==> flow/design.v <==
module gen_sh_core_v2 #(
  parameter XLEN = 14,
  parameter SEL_W = $clog2(XLEN)
) (
  input  wire clk_i,
  input  wire [XLEN-1:0] ch_i,
  input  wire [SEL_W-1:0] n_i,
  output reg [XLEN-1:0] res_o
);
  reg [XLEN-1:0] t;
  integer k;
  always @* begin
    t = ch_i;
    for (k = 0; k < SEL_W; k = k + 1)
      if (n_i[k]) t = t << (1 << k);
  end
  always @(posedge clk_i)
    res_o <= t;
endmodule
# From RTL to reports: gen_sh_core_v2
# Module gen_sh_core_v2 in several versions that differ in "XLEN"; each step lists the members.
# The RTL above is that of XLEN 14; lines are counted from 1 in the file of the member named.
# A cell with -- has no value.
[design]
top_module = "gen_sh_core_v2"
clock = "clk_i"
lib = "sky130hd"
corner = "tt_025C_1v80"

# Members of the sweep
# Lines of each other member's file that are new or changed against the file above; lines that a member lacks are not shown.
[src_changes]
columns = ["XLEN", "line_no", "text"]
rows = [
  [20, 2, "parameter XLEN = 20,"],
  [24, 2, "parameter XLEN = 24,"],
  [28, 2, "parameter XLEN = 28,"],
  [64, 2, "parameter XLEN = 64,"],
]

# Word level
# Counts by Yosys on the flattened word-level netlist (proc, flatten, opt, wreduce; memories kept). Register bits leave out memories and registers merged into their read ports (data or address). Print and check cells are left out. Cells with the same type and inputs are merged into one.
[op_classes]
columns = ["XLEN", "mux", "reduce_and_logical"]
rows = [
  [14, 4, 0],
  [20, 5, 1],
  [24, 5, 0],
  [28, 5, 0],
  [64, 6, 0],
]
[ops]
columns = ["XLEN", "operators"]
rows = [
  [14, "4 x 2-to-1 mux 14 bit"],
  [20, "5 x 2-to-1 mux 20 bit; 1 x OR reduction 2 bit"],
  [24, "5 x 2-to-1 mux 24 bit"],
  [28, "5 x 2-to-1 mux 28 bit"],
  [64, "6 x 2-to-1 mux 64 bit"],
]
[bits]
columns = ["XLEN", "ff_bits", "inputBits", "out_inout_bits"]
rows = [
  [14, 14, 19, 14],
  [20, 20, 26, 20],
  [24, 24, 30, 24],
  [28, 28, 34, 28],
  [64, 64, 71, 64],
]

# Depth
# Yosys ltp: most cells in a row. Word level: on the elaborated netlist, between registers, memories and ports. Mapped: between sequential cells and ports; inverters and the memories' decode and read muxes count.
[depth]
columns = ["XLEN", "depth_word", "abc_area", "ltp_mapped"]
rows = [
  [14, 4, 0, 6],
  [20, 5, 0, 7],
  [24, 5, 0, 6],
  [28, 5, 0, 7],
  [64, 6, 0, 9],
]

# Netlist
# Source: synth_stat.txt of the flow (Yosys; design flattened, memories mapped). It holds for the ABC_AREA given above (unset counts as 0); a run with the other value may have another netlist.
# The area totals of this step are shown rounded.
[types]
columns = ["XLEN", "cell_types"]
rows = [
  [14, "14 x sky130_fd_sc_hd__dfxtp_1; 9 x sky130_fd_sc_hd__mux2i_1; 3 x sky130_fd_sc_hd__mux4_1; 5 x sky130_fd_sc_hd__mux2_2; 3 x sky130_fd_sc_hd__mux2_4; 9 x sky130_fd_sc_hd__nor2_1; 7 x sky130_fd_sc_hd__nand2_1; 5 x sky130_fd_sc_hd__a21oi_1; 2 x sky130_fd_sc_hd__buf_6; 3 x sky130_fd_sc_hd__o211ai_1; 3 x sky130_fd_sc_hd__o21ai_0; 1 x sky130_fd_sc_hd__a211oi_2; 2 x sky130_fd_sc_hd__nand2b_1; 2 x sky130_fd_sc_hd__o22ai_1; 2 x sky130_fd_sc_hd__or2_2; 3 x sky130_fd_sc_hd__clkbuf_1; 3 x sky130_fd_sc_hd__inv_1; 1 x sky130_fd_sc_hd__a221o_1; (+15)"],
  [20, "20 x sky130_fd_sc_hd__dfxtp_1; 11 x sky130_fd_sc_hd__mux4_2; 6 x sky130_fd_sc_hd__mux4_1; 13 x sky130_fd_sc_hd__mux2i_1; 8 x sky130_fd_sc_hd__mux2_2; 17 x sky130_fd_sc_hd__nor2_1; 13 x sky130_fd_sc_hd__nand2_1; 6 x sky130_fd_sc_hd__o22ai_1; 4 x sky130_fd_sc_hd__a211oi_1; 5 x sky130_fd_sc_hd__buf_2; 2 x sky130_fd_sc_hd__buf_6; 3 x sky130_fd_sc_hd__o211ai_1; 3 x sky130_fd_sc_hd__nand2b_1; 2 x sky130_fd_sc_hd__a21o_1; 4 x sky130_fd_sc_hd__inv_1; 1 x sky130_fd_sc_hd__clkbuf_8; 2 x sky130_fd_sc_hd__or2_2; 3 x sky130_fd_sc_hd__clkbuf_1; (+13)"],
  [24, "24 x sky130_fd_sc_hd__dfxtp_1; 20 x sky130_fd_sc_hd__mux4_2; 13 x sky130_fd_sc_hd__mux2i_1; 8 x sky130_fd_sc_hd__mux2_2; 3 x sky130_fd_sc_hd__mux4_1; 18 x sky130_fd_sc_hd__nor2_1; 8 x sky130_fd_sc_hd__a211oi_1; 3 x sky130_fd_sc_hd__a2bb2oi_2; 5 x sky130_fd_sc_hd__nand2b_1; 2 x sky130_fd_sc_hd__mux2_4; 4 x sky130_fd_sc_hd__o211ai_1; 6 x sky130_fd_sc_hd__o21ai_1; 2 x sky130_fd_sc_hd__buf_6; 6 x sky130_fd_sc_hd__nand2_1; 1 x sky130_fd_sc_hd__buf_12; 4 x sky130_fd_sc_hd__buf_2; 2 x sky130_fd_sc_hd__buf_4; 4 x sky130_fd_sc_hd__clkbuf_1; (+10)"],
  [28, "28 x sky130_fd_sc_hd__dfxtp_1; 16 x sky130_fd_sc_hd__mux4_2; 8 x sky130_fd_sc_hd__mux4_1; 20 x sky130_fd_sc_hd__mux2i_1; 13 x sky130_fd_sc_hd__mux2_2; 19 x sky130_fd_sc_hd__nor2_1; 9 x sky130_fd_sc_hd__a211oi_1; 11 x sky130_fd_sc_hd__nand2_1; 6 x sky130_fd_sc_hd__nand2b_1; 4 x sky130_fd_sc_hd__o221ai_1; 3 x sky130_fd_sc_hd__buf_6; 8 x sky130_fd_sc_hd__clkbuf_1; 5 x sky130_fd_sc_hd__buf_2; 4 x sky130_fd_sc_hd__o21ai_1; 3 x sky130_fd_sc_hd__nor2b_1; 3 x sky130_fd_sc_hd__o22ai_1; 3 x sky130_fd_sc_hd__or2_2; 3 x sky130_fd_sc_hd__a21oi_1; (+28)"],
  [64, "74 x sky130_fd_sc_hd__mux4_2; 64 x sky130_fd_sc_hd__dfxtp_1; 55 x sky130_fd_sc_hd__mux2i_1; 38 x sky130_fd_sc_hd__mux2_2; 52 x sky130_fd_sc_hd__nand2_1; 43 x sky130_fd_sc_hd__nor2_1; 24 x sky130_fd_sc_hd__o22ai_1; 21 x sky130_fd_sc_hd__a21oi_1; 18 x sky130_fd_sc_hd__buf_2; 16 x sky130_fd_sc_hd__o21ai_0; 19 x sky130_fd_sc_hd__clkbuf_1; 14 x sky130_fd_sc_hd__nand3_1; 9 x sky130_fd_sc_hd__a22oi_1; 7 x sky130_fd_sc_hd__o221ai_1; 7 x sky130_fd_sc_hd__a211oi_1; 7 x sky130_fd_sc_hd__buf_4; 7 x sky130_fd_sc_hd__o211ai_1; 8 x sky130_fd_sc_hd__nand2b_1; (+97)"],
]
# The mark (+n) counts cells that are not listed.
[mapped]
columns = ["XLEN", "cells", "mapped_area_um2", "ffs"]
rows = [
  [14, 92, 877, 14],
  [20, 136, 1450, 20],
  [24, 143, 1700, 24],
  [28, 194, 2130, 28],
  [64, 580, 5890, 64],
]

# Timing after synthesis
# Source: OpenSTA report_checks on the synthesized netlist (no wires, ideal clock, input and output delay 20% of the period each), path of least setup slack; recovery checks are left aside. Register names are those of the netlist, which keeps one name where synthesis merged equal registers.
[synth_path]
columns = ["XLEN", "path_type", "startpoint", "endpoint", "clock_period_ps", "path_slack_ps", "path_stages", "delay_ps", "synth_period_reached_ps"]
rows = [
  [14, "input to register", "in n_i[1]", "reg res_o[13]", 1690, 269, 5, 1083, 1421],
  [20, "input to register", "in n_i[0]", "reg res_o[13]", 2120, 342, 4, 1354, 1778],
  [24, "input to register", "in n_i[0]", "reg res_o[19]", 1950, 315, 5, 1245, 1635],
  [28, "input to register", "in n_i[0]", "reg res_o[25]", 2200, 353, 5, 1407, 1847],
  [64, "input to register", "in n_i[3]", "reg res_o[56]", 2840, 453, 8, 1820, 2387],
]
# "delay_ps" = arrival - input delay + setup time.
# "path_stages": output pins that drive a net of the path, with the launching flip-flop's if there is one; two outputs of one cell count as two.
# "synth_period_reached_ps" is the clock period less the worst setup slack; recovery checks do not enter. This is arithmetic on one report: input and output delays are still those of the set period (20% each).
# Between the ends stands the longest chain of elaborated cells between them, by number of cells; it is not shown to be the way that was timed. Of several equally long chains one is given.
# Each line given opens the expression or statement behind the cell; cells for indexed reads and writes are added by Yosys, which also makes memories of some case tables.
[synth_via_XLEN_14]
elab_chain_cells = 3
[synth_rtl_XLEN_14]
columns = ["item", "line_no", "text"]
rows = [
  ["start: declaration", 7, "input  wire [SEL_W-1:0] n_i,"],
  ["2-to-1 mux 14 bit (3 in a row)", 15, "if (n_i[k]) t = t << (1 << k);"],
  ["end: assignment", 18, "res_o <= t;"],
  ["end: declaration", 8, "output reg [XLEN-1:0] res_o"],
]
[synth_via_XLEN_64]
elab_chain_cells = 3
[synth_rtl_XLEN_64]
columns = ["item", "line_no", "text"]
rows = [
  ["start: declaration", 7, "input  wire [SEL_W-1:0] n_i,"],
  ["2-to-1 mux 64 bit (3 in a row)", 15, "if (n_i[k]) t = t << (1 << k);"],
  ["end: assignment", 18, "res_o <= t;"],
  ["end: declaration", 8, "output reg [XLEN-1:0] res_o"],
]

# Timing after layout
# Path of least setup slack in the final report of each member's run (OpenROAD, finished layout, wires in). Where an end is a register, its clock arrival counts in the times.
# The report prints the path's times to 10 ps; the period is as set.
[layout_path]
columns = ["XLEN", "path_type", "startpoint", "endpoint", "clock_period_ps", "path_slack_ps", "path_stages", "arrival_time_ps", "n_path_buf"]
rows = [
  [14, "input to register", "in n_i[1]", "reg res_o[10]", 1690, 140, 7, 1750, 3],
  [20, "input to register", "in n_i[0]", "reg res_o[13]", 2120, 40, 4, 2280, 1],
  [24, "input to register", "in n_i[2]", "reg res_o[17]", 1950, 90, 6, 2000, 2],
  [28, "input to register", "in n_i[2]", "reg res_o[17]", 2200, 160, 6, 2180, 2],
  [64, "input to register", "in ch_i[3]", "reg res_o[52]", 2840, 170, 8, 2860, 3],
]

# Layout results
# Settings and results of one run of the flow (Yosys, OpenROAD) for each member follow. The constraints put input and output delay at 20% of the set period each and load the outputs with 0.01 pF.
[flow_settings]
CAP_MARGIN = 20
CORE_MARGIN = 2
CORE_UTILIZATION = 40
SLEW_MARGIN = 20
[settings_by_member]
columns = ["XLEN", "period_ns"]
rows = [
  [14, 1.69],
  [20, 2.12],
  [24, 1.95],
  [28, 2.2],
  [64, 2.84],
]
[measured]
columns = ["XLEN", "synthesis_area_um2", "design_die_area_um2", "finalCellArea_um2", "post_route_util_pct", "fin_ws_ps", "final_setup_tns_ps", "hold_ws_ps", "totalPower_mw", "timing.achieved_period_ps"]
rows = [
  [14, 877, 2580, 1400, 69.1, 143, 0, 707, 0.902, 1547],
  [20, 1450, 4120, 2190, 64.0, 37, 0, 812, 1.12, 2083],
  [24, 1700, 4790, 2510, 61.9, 92, 0, 921, 1.37, 1858],
  [28, 2130, 5920, 3060, 59.9, 160, 0, 970, 1.41, 2040],
  [64, 5890, 15700, 8110, 56.0, 174, 0, 861, 3.52, 2666],
]
# "timing.achieved_period_ps" = clock period - worst setup slack. The figure is calculated, with input and output delays left at 20% of the set period.
# "totalPower_mw" rests on the timing tool's default activity at the inputs, not on a simulated workload.
# Results are given in rounded form.
